==> flow/design.v <==
module rf_blk #(
   parameter NREGS = 4,
   parameter DW = 16,
   parameter ADDR_WIDTH = $clog2(NREGS),
   parameter GROUPS = DW / 8
) (
   input  wire core_clk,
   input  wire clr,
   input  wire [GROUPS-1:0] wstrb_in,
   input  wire [ADDR_WIDTH-1:0] wr_addr_in,
   input  wire [DW-1:0] din_in,
   input  wire [ADDR_WIDTH-1:0] rd_idx_in,
   output wire [DW-1:0] q_out
);
   reg [GROUPS-1:0] wstrb_s;
   reg [ADDR_WIDTH-1:0] wr_addr_s;
   reg [DW-1:0] din_s;
   always @(posedge core_clk or posedge clr) begin
      if (clr) begin
         wstrb_s <= 0;
         wr_addr_s <= 0;
         din_s <= 0;
      end else begin
         wstrb_s <= wstrb_in;
         wr_addr_s <= wr_addr_in;
         din_s <= din_in;
      end
   end
   reg [DW-1:0] ram [NREGS-1:0];
   integer idx;
   always @(posedge core_clk) begin
      for (idx = 0; idx < GROUPS; idx = idx + 1)
         if (wstrb_s[idx]) ram[wr_addr_s][8*idx +: 8] <= din_s[8*idx +: 8];
   end
   reg [ADDR_WIDTH-1:0] rd_idx_s;
   always @(posedge core_clk or posedge clr) begin
      if (clr) begin
         rd_idx_s <= 0;
      end else begin
         rd_idx_s <= rd_idx_in;
      end
   end
   assign q_out = ram[rd_idx_s];
endmodule
# From RTL to reports: rf_blk
# Tool output for the design above, in the order of the flow.
# Line numbers count from 1 in the design file above.
# Operators: Yosys type, input widths -> output width; for muxes data width and select width s.
# Cell names lack the library's common part.
# The mark -- stands for no value.
dict set report inputs {
  design {rf_blk}
  clk_port {core_clk}
  library {sky130hd}
  corner {tt_025C_1v80}
}

# Elaborated design
# Source: Yosys, flattened and elaborated, memories not mapped. Widths are those after wreduce; folded enables and synchronous resets count as part of the registers. Registers that Yosys merges into a memory's read port (data or address) are not register bits. Print and check cells do not count. Equal cells are merged and count once.
# Yosys's memory passes give these memory sizes; they may raise the number of words (mostly to a power of two), join words into wider ones and drop unused or constant bits.
dict set report word_totals {
  regBits 22
  ram_bits 64
  memories 1
  inputBits 24
  output_inout_bits 16
}
dict set report classes {
  mux 4
}
# memory words word_bits read_ports wr line
set memory_table {}
lappend memory_table {ram 4 16 1 1 29} ;# reg [DW-1:0] ram [NREGS-1:0];
# op count
set op_table {}
lappend op_table {{$mux 16} 2}
lappend op_table {{$mux 1} 2}

# Depth
# Depth = most cells in a row (Yosys ltp): at word level without a register or memory, in the mapped netlist without a sequential cell, where the memories' decode and read muxes count.
dict set report depth {
  ltp_word 1
  abc_area 0
  mapped_depth 3
}

# After synthesis
# Source: synth_stat.txt of the flow (Yosys; design flattened, memories mapped). It holds for the ABC_AREA given above (unset counts as 0); a run with the other value may have another netlist.
# type count
set by_type {}
lappend by_type {edfxtp_1 64}
lappend by_type {dfrtp_1 22}
lappend by_type {mux4_2 10}
lappend by_type {mux4_1 6}
lappend by_type {and3b_1 4}
lappend by_type {buf_12 1}
lappend by_type {nor3b_1 2}
lappend by_type {and3_1 2}
lappend by_type {buf_6 1}
lappend by_type {buf_2 2}
lappend by_type {inv_1 1}
dict set report synth_totals {
  cells 115
  mapped_area_mm2 0.0029628
  seq_area_mm2 0.0024724
  flip_flops 86
  buf_cells 4
}

# Path before layout
# OpenSTA on the mapped netlist: ideal clock, no wires. The path of least setup slack (recovery checks aside). Input and output delay are each 20% of the period. Register names are those of the netlist, which keeps one name where synthesis merged equal registers.
dict set report synth_path {
  path_type {register to register}
  from {register wr_addr_s[0]}
  to {memory ram[0][0]}
  clock_period_ps 1870
  setup_time_ps 385
  t_first_pin_ps 0
  arrival_time_ps 1108
  path_slack_ps 377
  delay_ps 1493
  driving_pins 2
  n_path_buf 0
  synth_period_reached_ps 1493
}
# "delay_ps" = arrival - input delay + setup time.
# "driving_pins" counts driving pins, that of a launching flip-flop among them; a cell with two outputs on the path counts twice.
# "synth_period_reached_ps" is the clock period less the worst setup slack; recovery checks do not enter. This is arithmetic on one report: input and output delays are still those of the set period (20% each).
dict set report synth_between {
  path_cell_list {dfrtp_1 -> nor3b_1}
  elab_chain_cells 0
  cone_cells 0
  lines_between 0
}
# element line
set synth_lines {}
lappend synth_lines {{start, declared} 16} ;# reg [ADDR_WIDTH-1:0] wr_addr_s;
lappend synth_lines {{start, assigned} 21} ;# wr_addr_s <= 0;
lappend synth_lines {{start, assigned} 25} ;# wr_addr_s <= wr_addr_in;
lappend synth_lines {{end, declared} 29} ;# reg [DW-1:0] ram [NREGS-1:0];

# Worst path after layout
# Path of least setup slack in the final report of run 1 (OpenROAD, finished layout, wires in). Where an end is a register, its clock arrival counts in the times.
# The report prints the path's times to 10 ps; the period is as set.
dict set report layout_path {
  path_type {register to output}
  from {register rd_idx_s[0]}
  to {output port q_out[3]}
  clock_period_ps 1310
  t_first_pin_ps 340
  arrival_time_ps 1580
  path_slack_ps -530
  driving_pins 4
  n_path_buf 2
}
# Between the ends stands the longest chain of elaborated cells between them, by number of cells; it is not shown to be the way that was timed. Of several equally long chains one is given.
# Each line given opens the expression or statement behind the cell; cells for indexed reads and writes are added by Yosys, which also makes memories of some case tables.
# A memory read counts as a cell of the chain, while the word-level depth stops at memories.
dict set report layout_between {
  path_cell_list {dfrtp_2 -> buf_12 -> mux4_2 -> buf_6}
  elab_chain_cells 1
  cone_cells 1
  lines_between 1
  classes_between {1 x memory}
}
# element line
set layout_lines {}
lappend layout_lines {{start, declared} 35} ;# reg [ADDR_WIDTH-1:0] rd_idx_s;
lappend layout_lines {{start, assigned} 38} ;# rd_idx_s <= 0;
lappend layout_lines {{start, assigned} 40} ;# rd_idx_s <= rd_idx_in;
lappend layout_lines {{$mem_v2 4x16} 29} ;# reg [DW-1:0] ram [NREGS-1:0];
lappend layout_lines {{end, declared} 13} ;# output wire [DW-1:0] q_out

; Measured results for rf_blk: 3 stored runs of the Yosys and OpenROAD flow on sky130hd. The settings differ; the order carries no meaning. The constraints put input and output delay at 20% of the set period each and load the outputs with 0.01 pF.
; "design_power_mw" is the tool's figure for a default switching activity; nothing was simulated.

[run 1: settings]
period_ns = 1.31
CORE_UTILIZATION = 58
PLACE_DENSITY_LB_ADDON = 0.08
CELL_PAD_IN_SITES_GLOBAL_PLACEMENT = 3
ABC_AREA = 0
CTS_CLUSTER_SIZE = 78
CAP_MARGIN = 30
SLEW_MARGIN = 15
CORE_MARGIN = 2
[run 1: results]
post_synth_area_mm2 = 0.0029628
design.die.area_mm2 = 0.0056957
finalCellArea_mm2 = 0.0037148
post_route_util_pct = 74.2
setup_ws_ps = -527
final_setup_tns_ps = -8104
design_power_mw = 5.226

[run 2: settings]
period_ns = 1.87
CAP_MARGIN = 20
CORE_MARGIN = 2
CORE_UTILIZATION = 40
SLEW_MARGIN = 20
[run 2: results]
post_synth_area_mm2 = 0.0029628
design.die.area_mm2 = 0.0081117
finalCellArea_mm2 = 0.0037148
post_route_util_pct = 51.5
setup_ws_ps = -168
final_setup_tns_ps = -1577
design_power_mw = 3.624

[run 3: settings]
period_ns = 1.04
CORE_UTILIZATION = 71
SETUP_SLACK_MARGIN = 0.02
PLACE_DENSITY_LB_ADDON = 0.0
CORE_ASPECT_RATIO = 0.63
CORE_MARGIN = 2
TNS_END_PERCENT = 30
ABC_AREA = 1
CTS_CLUSTER_DIAMETER = 185
SLEW_MARGIN = 35
MIN_ROUTING_LAYER = met2
CAP_MARGIN = 20
[run 3: results]
outcome = stopped before the end: clock tree synthesis reported DPL-0038
